==> flow/design.v <==
module sync_barrel #(
  parameter integer WIDTH = 20,
  parameter integer SBITS = $clog2(WIDTH)
) (
  input wire i_clk,
  input wire [WIDTH-1:0] d_i,
  input wire [SBITS-1:0] shamt_i,
  output reg [WIDTH-1:0] res_o
);
  wire [WIDTH-1:0] node [0:SBITS];
  assign node[0] = d_i;
  genvar ii;
  generate
    for (ii = 0; ii < SBITS; ii = ii + 1) begin : row
      assign node[ii+1] = shamt_i[ii] ? (node[ii] << (1 << ii)) | (node[ii] >> (WIDTH - (1 << ii))) : node[ii];
    end
  endgenerate
  always @(posedge i_clk) begin
    res_o <= node[SBITS];
  end
endmodule
Step by step through the tools: sync_barrel

A sweep over "WIDTH": the same steps for each member of the family.
The RTL above is that of WIDTH 20; lines are counted from 1 in the file of the member named.
Cell names lack the library's common part.
The mark n/a stands for no value.

Top module: sync_barrel
Clock input: i_clk
Standard-cell library: sky130hd
Corner: tt_025C_1v80

Source of the members

New or changed lines of each further member against the RTL above, in its own file; lines it lacks are not shown.

New or changed lines:

| WIDTH | line | text |
| 24    | 2    | `parameter integer WIDTH = 24,` |
| 56    | 2    | `parameter integer WIDTH = 56,` |
| 96    | 2    | `parameter integer WIDTH = 96,` |

Elaborated design

Source: Yosys, flattened and elaborated, memories not mapped. Widths are those after wreduce; folded enables and synchronous resets count as part of the registers. Registers that Yosys merges into a memory's read port (data or address) are not register bits. Print and check cells do not count. Equal cells are merged and count once.

Word-level totals:

| WIDTH | register bits after elaboration | bits in latches | bits in writable memories | ROM bits | word width x clocked read ports | memories kept | input bits | output and inout port bits | elaborated cells |
| 20    | 20                              | 0               | 0                         | 0        | 0                               | 0             | 26         | 20                         | 11 |
| 24    | 24                              | 0               | 0                         | 0        | 0                               | 0             | 30         | 24                         | 11 |
| 56    | 56                              | 0               | 0                         | 0        | 0                               | 0             | 63         | 56                         | 13 |
| 96    | 96                              | 0               | 0                         | 0        | 0                               | 0             | 104        | 96                         | 15 |

Operators by class:

| WIDTH | add/sub/neg operators | multipliers | divide/modulo/power cells | $lt $le $gt $ge | equal/unequal tests | shift operators | muxes and demuxes | bitwise logic cells | reduce/logical cells |
| 20    | 0                     | 0           | 0                         | 0               | 0                   | 0               | 5                 | 5                   | 0 |
| 24    | 0                     | 0           | 0                         | 0               | 0                   | 0               | 5                 | 5                   | 0 |
| 56    | 0                     | 0           | 0                         | 0               | 0                   | 0               | 6                 | 6                   | 0 |
| 96    | 0                     | 0           | 0                         | 0               | 0                   | 0               | 7                 | 7                   | 0 |

Operators with widths:

| WIDTH | kinds with counts |
| 20    | 2-to-1 mux 20 bit (5); bitwise OR 20 x 1 -> 20 bit (1); bitwise OR 20 x 16 -> 20 bit (1); bitwise OR 20 x 2 -> 20 bit (1); bitwise OR 20 x 4 -> 20 bit (1); bitwise OR 20 x 8 -> 20 bit (1) |
| 24    | 2-to-1 mux 24 bit (5); bitwise OR 24 x 1 -> 24 bit (1); bitwise OR 24 x 16 -> 24 bit (1); bitwise OR 24 x 2 -> 24 bit (1); bitwise OR 24 x 4 -> 24 bit (1); bitwise OR 24 x 8 -> 24 bit (1) |
| 56    | 2-to-1 mux 56 bit (6); bitwise OR 56 x 1 -> 56 bit (1); bitwise OR 56 x 16 -> 56 bit (1); bitwise OR 56 x 2 -> 56 bit (1); bitwise OR 56 x 32 -> 56 bit (1); bitwise OR 56 x 4 -> 56 bit (1); bitwise OR 56 x 8 -> 56 bit (1) |
| 96    | 2-to-1 mux 96 bit (7); bitwise OR 96 x 1 -> 96 bit (1); bitwise OR 96 x 16 -> 96 bit (1); bitwise OR 96 x 2 -> 96 bit (1); bitwise OR 96 x 32 -> 96 bit (1); bitwise OR 96 x 4 -> 96 bit (1); bitwise OR 96 x 64 -> 96 bit (1); bitwise OR 96 x 8 -> 96 bit (1) |

Logic depth

Yosys ltp: most cells in a row. Word level: on the elaborated netlist, between registers, memories and ports. Mapped: between sequential cells and ports; inverters and the memories' decode and read muxes count.

Depth:

| WIDTH | depth after elaboration | ABC_AREA | mapped depth | gate-level depth less buffers |
| 20    | 10                      | 0        | 5            | 3 |
| 24    | 10                      | 0        | 5            | 3 |
| 56    | 12                      | 0        | 5            | 3 |
| 96    | 14                      | 0        | 7            | 4 |

After synthesis

The flow's flattened synthesis, as Yosys stat reports it; memories are mapped. The netlist is that of the ABC_AREA named above (0 if unset); the other value can give another one.
The area totals of this step are shown rounded.

Mapped netlist:

| WIDTH | standard cells after synthesis | cell area after synthesis (µm²) | sequential area (µm²) | mapped flip-flops | buffer cells |
| 20    | 90                             | 1,655                           | 400.4                 | 20                | 10 |
| 24    | 111                            | 2,058                           | 480.5                 | 24                | 15 |
| 56    | 260                            | 5,152                           | 1,121                 | 56                | 36 |
| 96    | 557                            | 9,827                           | 1,922                 | 96                | 77 |

Cells by type:

| WIDTH | type and count |
| 20    | mux4_1 (19); mux4_2 (21); dfxtp_1 (20); mux2_2 (20); buf_6 (2); clkbuf_1 (6); buf_4 (1); buf_2 (1) |
| 24    | mux4_1 (36); dfxtp_1 (24); mux2_2 (24); mux4_2 (12); clkbuf_1 (11); buf_12 (1); buf_8 (1); buf_6 (1); buf_1 (1) |
| 56    | mux4_2 (160); dfxtp_1 (56); mux4_1 (8); buf_12 (4); clkbuf_1 (16); buf_2 (8); buf_1 (7); buf_6 (1) |
| 96    | mux4_2 (288); dfxtp_1 (96); mux2_2 (96); clkbuf_1 (54); buf_6 (5); buf_2 (9); buf_1 (9) |

Timing after synthesis

Path of least setup slack by OpenSTA after synthesis, without wires, with an ideal clock, recovery checks aside; 20% of the period is set as input and as output delay. Where synthesis merged equal registers, the netlist keeps one of their names.

Path after synthesis:

| WIDTH | kind              | start point      | end point          | period (ps) | path slack (ps) | stages | path delay (ps) | synthesis period reached (ps) |
| 20    | input -> register | input shamt_i[3] | register res_o[0]  | 2,480       | 400             | 5      | 1,584           | 2,080 |
| 24    | input -> register | input shamt_i[2] | register res_o[13] | 2,840       | 456             | 5      | 1,817           | 2,384 |
| 56    | input -> register | input shamt_i[3] | register res_o[37] | 3,080       | 490             | 5      | 1,974           | 2,590 |
| 96    | input -> register | input shamt_i[3] | register res_o[29] | 3,890       | 623             | 7      | 2,489           | 3,267 |

"path delay" is the arrival time less input delay plus setup time.
"stages" counts driving pins, that of a launching flip-flop among them; a cell with two outputs on the path counts twice.
"synthesis period reached" is the clock period less the worst setup slack; recovery checks do not enter. This is arithmetic on one report: input and output delays are still those of the set period (20% each).
The rows between start and end are the longest chain of elaborated cells between them; the timing report does not say that the signal goes this way. Where chains are equally long, one stands for them.
Each line given opens the expression or statement behind the cell; cells for indexed reads and writes are added by Yosys, which also makes memories of some case tables.

Between the ends, after synthesis, WIDTH 20:
Length of the longest elaborated chain: 3

RTL lines, path after synthesis, WIDTH 20:

| what                         | line | text |
| start: declaration           | 7    | `input wire [SBITS-1:0] shamt_i,` |
| 2-to-1 mux 20 bit            | 15   | `assign node[ii+1] = shamt_i[ii] ? (node[ii] << (1 << ii)) \| (node[ii] >> (WIDTH - (1 << ii))) : node[ii];` |
| bitwise OR 20 x 16 -> 20 bit | 15   |  |
| 2-to-1 mux 20 bit            | 15   |  |
| end: assignment              | 19   | `res_o <= node[SBITS];` |
| end: declaration             | 8    | `output reg [WIDTH-1:0] res_o` |

Between the ends, after synthesis, WIDTH 96:
Length of the longest elaborated chain: 7

RTL lines, path after synthesis, WIDTH 96:

| what                         | line | text |
| start: declaration           | 7    | `input wire [SBITS-1:0] shamt_i,` |
| 2-to-1 mux 96 bit            | 15   | `assign node[ii+1] = shamt_i[ii] ? (node[ii] << (1 << ii)) \| (node[ii] >> (WIDTH - (1 << ii))) : node[ii];` |
| bitwise OR 96 x 16 -> 96 bit | 15   |  |
| 2-to-1 mux 96 bit            | 15   |  |
| bitwise OR 96 x 32 -> 96 bit | 15   |  |
| 2-to-1 mux 96 bit            | 15   |  |
| bitwise OR 96 x 64 -> 96 bit | 15   |  |
| 2-to-1 mux 96 bit            | 15   |  |
| end: assignment              | 19   | `res_o <= node[SBITS];` |
| end: declaration             | 8    | `output reg [WIDTH-1:0] res_o` |

Worst path after layout

Path of least setup slack in the final report of each member's run (OpenROAD, finished layout, wires in). Where an end is a register, its clock arrival counts in the times.
The path's times are printed in steps of 10 ps; the period is the one set.

Path after layout:

| WIDTH | kind              | start point      | end point         | period (ps) | path slack (ps) | stages | data arrival time (ps) | buffers on the path |
| 20    | input -> register | input shamt_i[0] | register res_o[8] | 2,480       | 150             | 5      | 2,470                  | 2 |
| 24    | input -> register | input shamt_i[0] | register res_o[7] | 2,840       | 190             | 5      | 2,800                  | 2 |
| 56    | input -> register | input d_i[35]    | register res_o[7] | 3,080       | 390             | 4      | 2,840                  | 1 |
| 96    | input -> register | input d_i[67]    | register res_o[2] | 3,890       | 770             | 5      | 3,360                  | 1 |

Layout results

One run of the flow (Yosys, OpenROAD) for each member, with settings and measured results. Input and output delays are each 20% of the period that was set; the output load is 0.01 pF.

CAP_MARGIN: 20
CORE_MARGIN: 2
CORE_UTILIZATION: 40
SLEW_MARGIN: 20

Settings that differ:

| WIDTH | period_ns |
| 20    | 2.48 |
| 24    | 2.84 |
| 56    | 3.08 |
| 96    | 3.89 |

Measured results:

| WIDTH | post-synthesis cell area (µm²) | die area (µm²) | area of the standard cells in the finished layout (µm²) | utilization in the final report | setup slack of the critical path (ps) | post-route setup TNS (ps) | post-route worst hold slack (ps) | total power after layout (mW) | reached clock period (ps) |
| 20    | 1,655                          | 4,669          | 2,262                                                   | 0.566                           | 149                                   | 0                         | 1,123                            | 1.094                         | 2,331 |
| 24    | 2,058                          | 5,735          | 2,691                                                   | 0.534                           | 193                                   | 0                         | 1,214                            | 1.111                         | 2,647 |
| 56    | 5,152                          | 13,810         | 6,619                                                   | 0.524                           | 394                                   | 0                         | 855                              | 2.923                         | 2,686 |
| 96    | 9,827                          | 25,840         | 12,440                                                  | 0.513                           | 770                                   | 0                         | 992                              | 4.612                         | 3,120 |

By "reached clock period" is meant the clock period of the run minus its worst setup slack. This is arithmetic on one report: input and output delays are still those of the set period (20% each).
"total power after layout" rests on the timing tool's default activity at the inputs, not on a simulated workload.
The measured numbers are rounded.
